==> flow/design.v <==
module mul_core #(
    parameter integer XLEN = 3
) (
    input  logic i_clk,
    input  logic aresetn,
    input  logic [XLEN-1:0] first_i,
    input  logic [XLEN-1:0] second_i,
    input  logic [2*XLEN-1:0] third_i,
    output logic [2*XLEN:0] result_o
);
    logic [XLEN-1:0] first_s;
    logic [XLEN-1:0] second_s;
    logic [2*XLEN-1:0] third_s;
    logic [2*XLEN:0] result_s;
    always_ff @(posedge i_clk or negedge aresetn) begin
        if (!aresetn) begin
            first_s <= '0;
            second_s <= '0;
            third_s <= '0;
            result_s <= '0;
        end else begin
            first_s <= first_i;
            second_s <= second_i;
            third_s <= third_i;
            result_s <= first_s * second_s + third_s;
        end
    end
    assign result_o = result_s;
endmodule
From RTL to reports: mul_core
Tool output for the design above, in the order of the flow.
Lines are those of the file above, counted from 1.
Cell names lack the library's common part.
Not given: -

inputs
  top = mul_core
  clock = i_clk
  cell library = sky130hd
  corner = tt_025C_1v80

Word-level counts
Counts by Yosys on the flattened word-level netlist (proc, flatten, opt, wreduce; memories kept). Register bits leave out memories and registers merged into their read ports (data or address); mux counts leave out enables and synchronous resets folded into registers. Print and check cells are left out. Cells with the same type and inputs are merged into one.

word-level totals
  output and inout bits = 7
  flip-flop bits (word level) = 19

cells by class
  add/sub/neg operators = 1
  multipliers = 1

operators with widths
  kind                       count
  multiplier 3 x 3 -> 6 bit  1
  adder 6 x 6 -> 7 bit       1

Depth
Depth = most cells in a row (Yosys ltp): at word level without a register or memory, in the mapped netlist without a sequential cell, where the memories' decode and read muxes count.

depth
  word-level depth = 2
  ABC_AREA = 0
  gate-level depth with buffers = 9
  depth with buffers taken out = 9

Mapped cells and area
The flow's flattened synthesis, as Yosys stat reports it; memories are mapped. The netlist is that of the ABC_AREA named above (0 if unset); the other value can give another one.

cells by type
  cell type  count  area in all (sq um)
  dfrtp_1    19     475.456
  ha_1       9      112.608
  fa_1       5      100.096
  inv_1      9      33.782
  and2_1     5      31.28
  xnor2_1    2      17.517
  nand2_1    4      15.014
  a211o_1    1      8.758
  a21oi_2    1      8.758
  o21ai_2    1      8.758
  xor2_1     1      8.758
  a21o_1     1      7.507
  nor2_1     2      7.507
  o211ai_1   1      7.507
  a21oi_1    1      5.005

synthesis totals
  mapped flip-flops = 19
  synthesis area = 848.3 sq um
  standard cells after synthesis = 62

Worst setup path after synthesis
Source: OpenSTA report_checks on the synthesized netlist (no wires, ideal clock, input and output delay 20% of the period each), path of least setup slack; recovery checks are left aside. Register names are those of the netlist, which keeps one name where synthesis merged equal registers.

path after synthesis
  path kind = reg-to-reg
  from = register second_s[2]
  to = register result_s[5]
  delay of the path = 2.431 ns
  time at the first pin = 0.000 ns
  arrival = 2.351 ns
  stages on the path = 9
  clock period = 3.04 ns
  slack = 0.609 ns
  data required time = 2.960 ns
  synthesis period reached = 2.431 ns

"delay of the path" is the arrival time less input delay plus setup time.
"stages on the path": output pins that drive a net of the path, with the launching flip-flop's if there is one; two outputs of one cell count as two.
"synthesis period reached" = period - worst setup slack (recovery checks aside). The figure is calculated, with input and output delays left at 20% of the set period.
Between the ends stands the longest chain of elaborated cells between them, by number of cells; it is not shown to be the way that was timed. Of several equally long chains one is given.
Each line given opens the expression or statement behind the cell; cells for indexed reads and writes are added by Yosys, which also makes memories of some case tables.

between the ends, after synthesis
  path through = dfrtp_1 nand2_1 fa_1 inv_1 fa_1 fa_1 a21o_1 a21oi_2 xnor2_1
  length of the longest elaborated chain = 2
  elaborated cells on any way between the ends = 2
  source lines of those cells = 1
  classes of those cells = 1 x add/sub; 1 x mul

ends and longest elaborated chain, after synthesis
  what                       RTL line  source
  from (decl)                12        logic [XLEN-1:0] second_s;
  from (assign)              18        second_s <= '0;
  from (assign)              23        second_s <= second_i;
  multiplier 3 x 3 -> 6 bit  25        result_s <= first_s * second_s + third_s;
  adder 6 x 6 -> 7 bit       25
  to (assign)                20        result_s <= '0;
  to (assign)                25
  to (decl)                  14        logic [2*XLEN:0] result_s;

Path in the finished layout
From the final timing report of record 1: the path of least setup slack in the routed layout; clock arrival at registers is part of the times.

path post-layout
  path kind = reg-to-reg
  from = register second_s[2]
  to = register result_s[5]
  clock period = 3.04 ns
  arrival = 2.78 ns
  slack = 0.48 ns
  time at the first pin = 0.29 ns
  stages on the path = 9
  data required time = 3.26 ns

Between the ends stands the longest chain of elaborated cells between them, by number of cells; it is not shown to be the way that was timed. Of several equally long chains one is given.

between the ends, post-layout
  path through = dfrtp_1 nand2_1 fa_1 inv_1 fa_1 fa_1 a21o_1 a21oi_2 xnor2_1
  length of the longest elaborated chain = 2
  elaborated cells on any way between the ends = 2
  source lines of those cells = 1
  classes of those cells = 1 x add/sub; 1 x mul

ends and longest elaborated chain, post-layout
  what                       RTL line  source
  from (decl)                12        logic [XLEN-1:0] second_s;
  from (assign)              18        second_s <= '0;
  from (assign)              23        second_s <= second_i;
  multiplier 3 x 3 -> 6 bit  25        result_s <= first_s * second_s + third_s;
  adder 6 x 6 -> 7 bit       25
  to (assign)                20        result_s <= '0;
  to (assign)                25
  to (decl)                  14        logic [2*XLEN:0] result_s;

Appendix: measured runs

Stored flow runs of mul_core (3 of them; Yosys, OpenROAD, sky130hd). They differ in their settings and are not a sequence. Constraints: input delay and output delay 20% of the set period each, output load 0.01 pF.
"achieved clock period (ns)" is the run's clock period less its worst setup slack. It is reckoned from that one timing run; input and output delays stay at 20% of the period that was set.
By "finish__power__total" is meant OpenSTA's value without simulated activity: inputs other than the clock are taken to toggle once in ten clock periods, and the tool carries that through the logic.

settings of record 1
{
  "period_ns": 3.04,
  "CAP_MARGIN": 20,
  "CORE_MARGIN": 2,
  "CORE_UTILIZATION": 40,
  "SLEW_MARGIN": 20
}
report of record 1
yosys chip area after synthesis (um^2): 848.3
finish__design__die__area: 2505.0
finish__design__instance__utilization: 0.5600
finish__timing__setup__ws: 0.481
finish__timing__setup__tns: 0.000
finish__timing__hold__ws: 0.506
finish__power__total: 5.848e-04
achieved clock period (ns): 2.559

settings of record 2
{
  "period_ns": 3.94,
  "CORE_UTILIZATION": 59,
  "SETUP_SLACK_MARGIN": -0.03,
  "PLACE_DENSITY": 0.6,
  "HOLD_SLACK_MARGIN": 0.12,
  "CORE_MARGIN": 8,
  "GPL_TIMING_DRIVEN": 1,
  "GPL_ROUTABILITY_DRIVEN": 0,
  "CTS_CLUSTER_DIAMETER": 271,
  "CAP_MARGIN": 20,
  "SLEW_MARGIN": 20
}
report of record 2
yosys chip area after synthesis (um^2): 848.3
finish__design__die__area: 2907.4
finish__design__instance__utilization: 0.8300
finish__timing__setup__ws: 1.374
finish__timing__setup__tns: 0.000
finish__timing__hold__ws: 0.501
finish__power__total: 4.597e-04
achieved clock period (ns): 2.566

settings of record 3
{
  "period_ns": 4.28,
  "CORE_UTILIZATION": 43,
  "SETUP_SLACK_MARGIN": 0.06,
  "PLACE_DENSITY_LB_ADDON": 0.08,
  "CORE_ASPECT_RATIO": 1.24,
  "CELL_PAD_IN_SITES_GLOBAL_PLACEMENT": 1,
  "TNS_END_PERCENT": 100,
  "CAP_MARGIN": 35,
  "SLEW_MARGIN": 5,
  "CORE_MARGIN": 2
}
report of record 3
yosys chip area after synthesis (um^2): 848.3
finish__design__die__area: 2346.1
finish__design__instance__utilization: 0.6012
finish__timing__setup__ws: 1.771
finish__timing__setup__tns: 0.000
finish__timing__hold__ws: 0.502
finish__power__total: 4.144e-04
achieved clock period (ns): 2.509
